==> flow/design.v <==
module ex_rf_rtl #(
    parameter NWORDS = 64,
    parameter W = 8,
    parameter ADDR_WIDTH = $clog2(NWORDS)
) (
    input  clock,
    input  wr,
    input  [ADDR_WIDTH-1:0] wr_addr,
    input  [W-1:0] wr_data,
    input  [ADDR_WIDTH-1:0] raddr1,
    input  [ADDR_WIDTH-1:0] raddr2,
    output [W-1:0] q1,
    output [W-1:0] q2
);
    reg wr_r;
    reg [ADDR_WIDTH-1:0] wr_addr_r;
    reg [W-1:0] wr_data_r;
    reg [W-1:0] ram [NWORDS-1:0];
    always @(posedge clock) begin
        if (wr_r)
            ram[wr_addr_r] <= wr_data_r;
    end
    reg [ADDR_WIDTH-1:0] raddr1_r;
    reg [ADDR_WIDTH-1:0] raddr2_r;
    assign q1 = (wr_r && wr_addr_r == raddr1_r) ? wr_data_r : ram[raddr1_r];
    assign q2 = (wr_r && wr_addr_r == raddr2_r) ? wr_data_r : ram[raddr2_r];
    always @(posedge clock) begin
        wr_r <= wr;
        wr_addr_r <= wr_addr;
        wr_data_r <= wr_data;
        raddr1_r <= raddr1;
        raddr2_r <= raddr2;
    end
endmodule
# Tool chain data of ex_rf_rtl
# The steps from the RTL of ex_rf_rtl to its reports follow in flow order.
# Line numbers count from 1 in the design file above.
# Cell names lack the library's common part.
# Not given: --
# setup
design	ex_rf_rtl
clock_port	clock
lib	sky130hd
lib_corner	tt_025C_1v80

# After elaboration
# Yosys after proc, flatten, opt, wreduce and memory -nomap, before mapping. Enables and synchronous resets that opt folds into registers are not counted as muxes. Print and check cells are not counted. Equal cells are merged and count once.
# Yosys's memory passes give these memory sizes; they may raise the number of words (mostly to a power of two), join words into wider ones and drop unused or constant bits.
# word_totals
ff_bits	27
ramBits	512
clocked_rd_ports_x_width	16
mem_count	1
input_bits	28
out_inout_bits	16
word_cells	15
# mem_list
memory	words	word_bits	rd	wr	line	text
ram	64	8	2	1	18	reg [W-1:0] ram [NWORDS-1:0];
# op_classes
equal	2
muxes	5
reduce_and_logical	2
# op_table
cell	n
8-bit 2-to-1 mux	3
6-bit == test	2
6-bit 2-to-1 mux	1
1-bit logical AND	2
1-bit 2-to-1 mux	1

# Depth
# Yosys ltp: most cells in a row. Word level: on the elaborated netlist, between registers, memories and ports. Mapped: between sequential cells and ports; inverters and the memories' decode and read muxes count.
# logic_depth
word_depth	3
abc_area	1
depth_mapped	14

# Mapped cells and area
# The flow's flattened synthesis, as Yosys stat reports it; memories are mapped. The netlist is that of the ABC_AREA named above (0 if unset); the other value can give another one.
# by_type
type	n
edfxtp_1	512
nand2_1	1236
nand3_1	927
buf_6	53
buf_2	109
dfxtp_1	27
nor2_1	57
buf_4	18
buf_1	25
clkbuf_1	21
nand4_1	9
nor4_1	8
inv_1	10
xor2_1	3
nor4_4	1
nor3_2	2
nand2_2	3
o22ai_1	3
# Other cell types: 10; their cells: 17.
# mapped
mapped_cells	3041
synth_area_um2	27202.3
ffs	539
buf_cells	226

# Timing after synthesis
# OpenSTA on the mapped netlist: ideal clock, no wires. The path of least setup slack (recovery checks aside). Input and output delay are each 20% of the period. Register names are those of the netlist, which keeps one name where synthesis merged equal registers.
# synth_timing
path_type	register to register
startpoint	register wr_r
endpoint	memory ram[48][0]
clock_period_ns	3.11
setup_time_ns	0.395
arrival_ns	1.699
t_required_ns	2.715
path_slack_ns	1.017
path_delay_ns	2.094
stages	4
path_buffers	1
period_less_setup_slack_ns	2.093
# "path_delay_ns" = arrival - input delay + setup time.
# "stages": output pins that drive a net of the path, with the launching flip-flop's if there is one; two outputs of one cell count as two.
# "period_less_setup_slack_ns" is the clock period less the worst setup slack; recovery checks do not enter. This is arithmetic on one report: input and output delays are still those of the set period (20% each).
# Between the ends stands the longest chain of elaborated cells between them, by number of cells; it is not shown to be the way that was timed. Of several equally long chains one is given.
# A line is the first line of the expression or statement that the cell stems from. Yosys adds cells for indexed reads and writes and turns some case tables into memories.
# Only ways into the end's enable, where the timed path ends, are counted here.
# synth_via
cell_sequence	dfxtp_1 clkbuf_1 nand4_1 nor4_1
elab_chain_cells	1
cells_between	2
cone_lines	1
cone_classes	mux (2)
# synth_lines
item	line	text
start: declaration	15	reg wr_r;
start: assignment	28	wr_r <= wr;
6-bit 2-to-1 mux	20	if (wr_r)
end: declaration	18	reg [W-1:0] ram [NWORDS-1:0];

# Worst path after layout
# Path of least setup slack in the final report of run A (OpenROAD, finished layout, wires in). Where an end is a register, its clock arrival counts in the times.
# layout_timing
path_type	register to output
startpoint	register raddr2_r[0]
endpoint	output port q2[5]
clock_period_ns	2.38
arrival_ns	2.71
t_required_ns	1.90
path_slack_ns	-0.80
stages	17
path_buffers	5
# Between the ends stands the longest chain of elaborated cells between them, by number of cells; it is not shown to be the way that was timed. Of several equally long chains one is given.
# layout_via
cell_sequence	dfxtp_4 buf_12 buf_12 clkinv_16 buf_12 buf_6 nand2_2 nand3_2 nand3_2 nand3_2 nand2_4 nand2_4 nand3_4 nand2_2 nand2_1 nand2_1 buf_2
elab_chain_cells	3
cells_between	3
cone_lines	1
cone_classes	eq/ne (1); mux (1); reduce/logical (1)
# layout_lines
item	line	text
start: declaration	24	reg [ADDR_WIDTH-1:0] raddr2_r;
start: assignment	32	raddr2_r <= raddr2;
6-bit == test	26	assign q2 = (wr_r && wr_addr_r == raddr2_r) ? wr_data_r : ram[raddr2_r];
1-bit logical AND	26
8-bit 2-to-1 mux	26
end: declaration	13	output [W-1:0] q2

# Settings and measured results of 2 stored flow runs for module ex_rf_rtl (sky130hd), not sorted in any way. The constraints put input and output delay at 20% of the set period each and load the outputs with 0.01 pF.
# By "clock_period_reached_ns" is meant the clock period of the run minus its worst setup slack. This is arithmetic on one report: input and output delays are still those of the set period (20% each).
# "worst_path_ns" = time allowed to the worst setup path (clock period - input delay - output delay, where it has them) - its slack; a late launch clock adds to it, a late capture clock takes from it.
# "final_power_w": no workload was simulated; the value follows from the tool's default switching activity.
# A setting shown as -- is not set for that run.
item,run A,run B
period_ns,2.38,3.11
CORE_UTILIZATION,18,40
SETUP_SLACK_MARGIN,-0.02,--
PLACE_DENSITY,0.79,--
CORE_ASPECT_RATIO,1.28,--
CORE_MARGIN,5,2
CELL_PAD_IN_SITES_GLOBAL_PLACEMENT,2,--
ABC_AREA,1,--
GPL_TIMING_DRIVEN,1,--
GPL_ROUTABILITY_DRIVEN,0,--
CTS_CLUSTER_DIAMETER,29,--
CAP_MARGIN,15,20
MAX_ROUTING_LAYER,met5,--
SLEW_MARGIN,20,20
hold_ws_ns,0.241,0.437
worst_path_ns,2.71,3.07
worst_path_kind,register to output,register to output
stdcell_area_um2,39197.6,32890.3
dieArea_um2,159057.0,65218.9
final_power_w,0.029762,0.01787
util_pct,26.1,52.4
clock_period_reached_ns,3.181,3.697
post_synth_area_um2,27202.3,25276.7
worstSetupSlack_ns,-0.801,-0.587
timing.setup.tns_ns,-11.971,-7.181
